==> flow/design.v <==
module u_order #(
  parameter W = 96
) (
  input clk,
  input aresetn,
  input [W-1:0] src1_in,
  input [W-1:0] src2_in,
  output le_out
);
  reg [W-1:0] src1_r;
  reg [W-1:0] src2_r;
  always @(posedge clk) begin
    if (~aresetn) begin
      src1_r <= 0;
      src2_r <= 0;
    end else begin
      src1_r <= src1_in;
      src2_r <= src2_in;
    end
  end
  assign le_out = (src1_r <= src2_r);
endmodule
Tool chain data of u_order:

Tool output for the design above, in the order of the flow.
Line numbers count from 1 in the design file above.
Operators: Yosys type, input widths -> output width; for muxes data width and select width s.
Library cell names are shortened.
A cell with - has no value.

* top: u_order
* clock port: clk
* library: sky130hd
* library corner: tt_025C_1v80

Word level:

Source: Yosys, flattened and elaborated, memories not mapped. Widths are those after wreduce; folded enables and synchronous resets count as part of the registers. Registers that Yosys merges into a memory's read port (data or address) are not register bits. Print and check cells do not count. Equal cells are merged and count once.

* bits in registers: 192
* output and inout port bits: 1

* magnitude comparators: 1

Operators by type and width (count)
* $le 96x96->1: 1

Depth:

Longest topological path by Yosys (ltp), each cell counted once; first at word level (registers and memories cut), then after technology mapping (sequential cells cut; the memories' decode and read muxes count).

* depth in word-level cells: 1
* ABC_AREA: 0
* depth in mapped cells: 9

Synthesis result:

Source: synth_stat.txt of the flow (Yosys; design flattened, memories mapped). It holds for the ABC_AREA given above (unset counts as 0); a run with the other value may have another netlist.
Totals and module areas in this step are rounded.

* cell count: 754
* chip area (Yosys): 7560 um^2
* flip-flop cells: 192

Cell types
* dfxtp_1: count 192, total area 3.84E+03 um^2
* and2_1: count 192, total area 1.2E+03 um^2
* ha_1: count 96, total area 1.2E+03 um^2
* inv_1: count 98, total area 367.853 um^2
* a21oi_1: count 39, total area 195.187 um^2
* nand2_1: count 31, total area 116.362 um^2
* nand4_1: count 14, total area 87.584 um^2
* clkbuf_1: count 21, total area 78.826 um^2
* o21ai_0: count 14, total area 70.067 um^2
* nand3_1: count 10, total area 50.048 um^2
* nor2_1: count 10, total area 37.536 um^2
* a211oi_1: count 4, total area 30.029 um^2
* a221oi_1: count 3, total area 26.275 um^2
* nand4_2: count 2, total area 25.024 um^2
* nor4_4: count 1, total area 21.27 um^2
* a2111oi_0: count 2, total area 17.517 um^2
* and4_1: count 2, total area 17.517 um^2
* a21o_1: count 2, total area 15.014 um^2

Not listed: further types 16, cells in them 21.

Timing after synthesis:

Path of least setup slack by OpenSTA after synthesis, without wires, with an ideal clock, recovery checks aside; 20% of the period is set as input and as output delay. Where synthesis merged equal registers, the netlist keeps one of their names.

* kind: register to output
* start: reg src2_r[61]
* end: out le_out
* clock period: 3570 ps
* output delay: 714 ps
* launch time at the first pin: 0 ps
* arrival: 2288 ps
* required time: 2856 ps
* path slack: 568 ps
* delay of the path: 2288 ps
* stages: 9
* path buffers: 0
* synthesis period reached: 3002 ps

"delay of the path" = arrival - input delay + setup time.
A path that ends at an output port has no setup time.
"stages": output pins that drive a net of the path, with the launching flip-flop's if there is one; two outputs of one cell count as two.
"synthesis period reached" is the clock period less the worst setup slack; recovery checks do not enter. This is arithmetic on one report: input and output delays are still those of the set period (20% each).
Between the ends stands the longest chain of elaborated cells between them, by number of cells; it is not shown to be the way that was timed. Of several equally long chains one is given.
Each line given opens the expression or statement behind the cell; cells for indexed reads and writes are added by Yosys, which also makes memories of some case tables.

* cell sequence: dfxtp_1 inv_1 ha_1 nand4_2 nor4_4 nand3_2 or4_4 or4_1 nand3_1
* cells in the longest elaborated chain: 1
* elaborated cells on any way between the ends: 1
* RTL lines with such cells: 1
* those cells by class: compare (1)

RTL lines, path post-synthesis
* start, declared: line 11 `reg [W-1:0] src2_r;`
* start, assigned: line 15 `src2_r <= 0;`
* start, assigned: line 18 `src2_r <= src2_in;`
* $le 96x96->1: line 21 `assign le_out = (src1_r <= src2_r);`
* end, declared: line 8 `output le_out`

Worst path after layout:

From the final timing report of run A: the path of least setup slack in the routed layout; clock arrival at registers is part of the times.
The path's times are printed in steps of 10 ps; the period is the one set.

* kind: register to output
* start: reg src2_r[61]
* end: out le_out
* clock period: 3570 ps
* output delay: 710 ps
* launch time at the first pin: 420 ps
* arrival: 2740 ps
* required time: 2860 ps
* path slack: 110 ps
* stages: 10
* path buffers: 1

Between the ends stands the longest chain of elaborated cells between them, by number of cells; it is not shown to be the way that was timed. Of several equally long chains one is given.

* cell sequence: dfxtp_1 inv_2 ha_4 nand4_4 nor4_4 nand3_2 or4_4 or4_4 nand3_2 buf_6
* cells in the longest elaborated chain: 1
* elaborated cells on any way between the ends: 1
* RTL lines with such cells: 1
* those cells by class: compare (1)

RTL lines, path post-layout
* start, declared: line 11 `reg [W-1:0] src2_r;`
* start, assigned: line 15 `src2_r <= 0;`
* start, assigned: line 18 `src2_r <= src2_in;`
* $le 96x96->1: line 21 `assign le_out = (src1_r <= src2_r);`
* end, declared: line 8 `output le_out`

Wiki page: u_order / flow data

3 stored runs of u_order in the flow (synthesis by Yosys, layout by OpenROAD, sky130hd cells), in arbitrary order. Constraints: input delay and output delay 20% of the set period each, output load 0.01 pF.
"reached clock period" means the clock period less the worst setup slack. The figure is calculated, with input and output delays left at 20% of the set period.
"worst setup path time" means the part of the period allowed to the worst setup path (the constraints hold back 20% at inputs and 20% at outputs) less its slack; where the path has registers, the arrival times of their clocks count too.
"worst setup path time" is given in steps of 10 ps.
Values from the reports are rounded here.

### Run A

==> flow/run.sh <==
#!/bin/bash
# the make line also repeats the synthesis and layout settings of config.mk as NAME=value (left out here)
make -C /OpenROAD-flow-scripts/flow DESIGN_CONFIG=/design/flow/config.mk WORK_HOME=/design/flow/orfs CLKGATE_MAP_FILE= finish
==> flow/config.mk <==
export PLATFORM = sky130hd
export DESIGN_NAME = u_order
export DESIGN_NICKNAME = u_order
export VERILOG_FILES = /design/flow/design.v
export SDC_FILE = /design/flow/constraint.sdc
export NUM_CORES = 4
export LEC_CHECK = 0
export CAP_MARGIN = 20
export CORE_MARGIN = 2
export CORE_UTILIZATION = 40
export SLEW_MARGIN = 20
==> flow/constraint.sdc <==
create_clock -name core_clock -period 3.57 [get_ports {clk}]
set_input_delay 0.7140 -clock core_clock [delete_from_list [all_inputs] [get_ports {clk}]]
set_output_delay 0.7140 -clock core_clock [all_outputs]
set_load 0.01 [all_outputs]

Results of run A:
- Chip area after synthesis (Yosys): 7560 um^2
- Area inside the die boundary: 20000 um^2
- Utilization: 57.3%
- Setup slack of the critical path: 112 ps
- Setup TNS: 0 ps
- Worst hold slack in the final report: 863 ps
- Reached clock period: 3458 ps
- Worst setup path time: 2740 ps
- Critical path type: register to output

### Run B

==> flow/run.sh <==
#!/bin/bash
# the make line also repeats the synthesis and layout settings of config.mk as NAME=value (left out here)
make -C /OpenROAD-flow-scripts/flow DESIGN_CONFIG=/design/flow/config.mk WORK_HOME=/design/flow/orfs CLKGATE_MAP_FILE= finish
==> flow/config.mk <==
export PLATFORM = sky130hd
export DESIGN_NAME = u_order
export DESIGN_NICKNAME = u_order
export VERILOG_FILES = /design/flow/design.v
export SDC_FILE = /design/flow/constraint.sdc
export NUM_CORES = 4
export LEC_CHECK = 0
export ABC_AREA = 0
export CAP_MARGIN = 20
export CELL_PAD_IN_SITES_DETAIL_PLACEMENT = 2
export CORE_ASPECT_RATIO = 1.99
export CORE_MARGIN = 2
export CORE_UTILIZATION = 41
export CTS_CLUSTER_DIAMETER = 38
export MAX_ROUTING_LAYER = met5
export PLACE_DENSITY = 0.6
export SETUP_SLACK_MARGIN = 0.16
export SLEW_MARGIN = 15
==> flow/constraint.sdc <==
create_clock -name core_clock -period 2.81 [get_ports {clk}]
set_input_delay 0.5620 -clock core_clock [delete_from_list [all_inputs] [get_ports {clk}]]
set_output_delay 0.5620 -clock core_clock [all_outputs]
set_load 0.01 [all_outputs]

Outcome of run B: no results, routing failed with DPL-0033

### Run C

==> flow/run.sh <==
#!/bin/bash
# the make line also repeats the synthesis and layout settings of config.mk as NAME=value (left out here)
make -C /OpenROAD-flow-scripts/flow DESIGN_CONFIG=/design/flow/config.mk WORK_HOME=/design/flow/orfs CLKGATE_MAP_FILE= finish
==> flow/config.mk <==
export PLATFORM = sky130hd
export DESIGN_NAME = u_order
export DESIGN_NICKNAME = u_order
export VERILOG_FILES = /design/flow/design.v
export SDC_FILE = /design/flow/constraint.sdc
export NUM_CORES = 4
export LEC_CHECK = 0
export ABC_AREA = 0
export CAP_MARGIN = 20
export CELL_PAD_IN_SITES_DETAIL_PLACEMENT = 1
export CELL_PAD_IN_SITES_GLOBAL_PLACEMENT = 1
export CORE_MARGIN = 2
export CORE_UTILIZATION = 20
export GPL_TIMING_DRIVEN = 0
export MAX_ROUTING_LAYER = met5
export PLACE_DENSITY_LB_ADDON = 0.26
export SETUP_SLACK_MARGIN = 0.65
export SLEW_MARGIN = 20
==> flow/constraint.sdc <==
create_clock -name core_clock -period 2.72 [get_ports {clk}]
set_input_delay 0.5440 -clock core_clock [delete_from_list [all_inputs] [get_ports {clk}]]
set_output_delay 0.5440 -clock core_clock [all_outputs]
set_load 0.01 [all_outputs]

Results of run C:
- Chip area after synthesis (Yosys): 7560 um^2
- Area inside the die boundary: 39400 um^2
- Utilization: 29.5%
- Setup slack of the critical path: -700 ps
- Setup TNS: -700 ps
- Worst hold slack in the final report: 521 ps
- Reached clock period: 3420 ps
- Worst setup path time: 2880 ps
- Critical path type: register to output
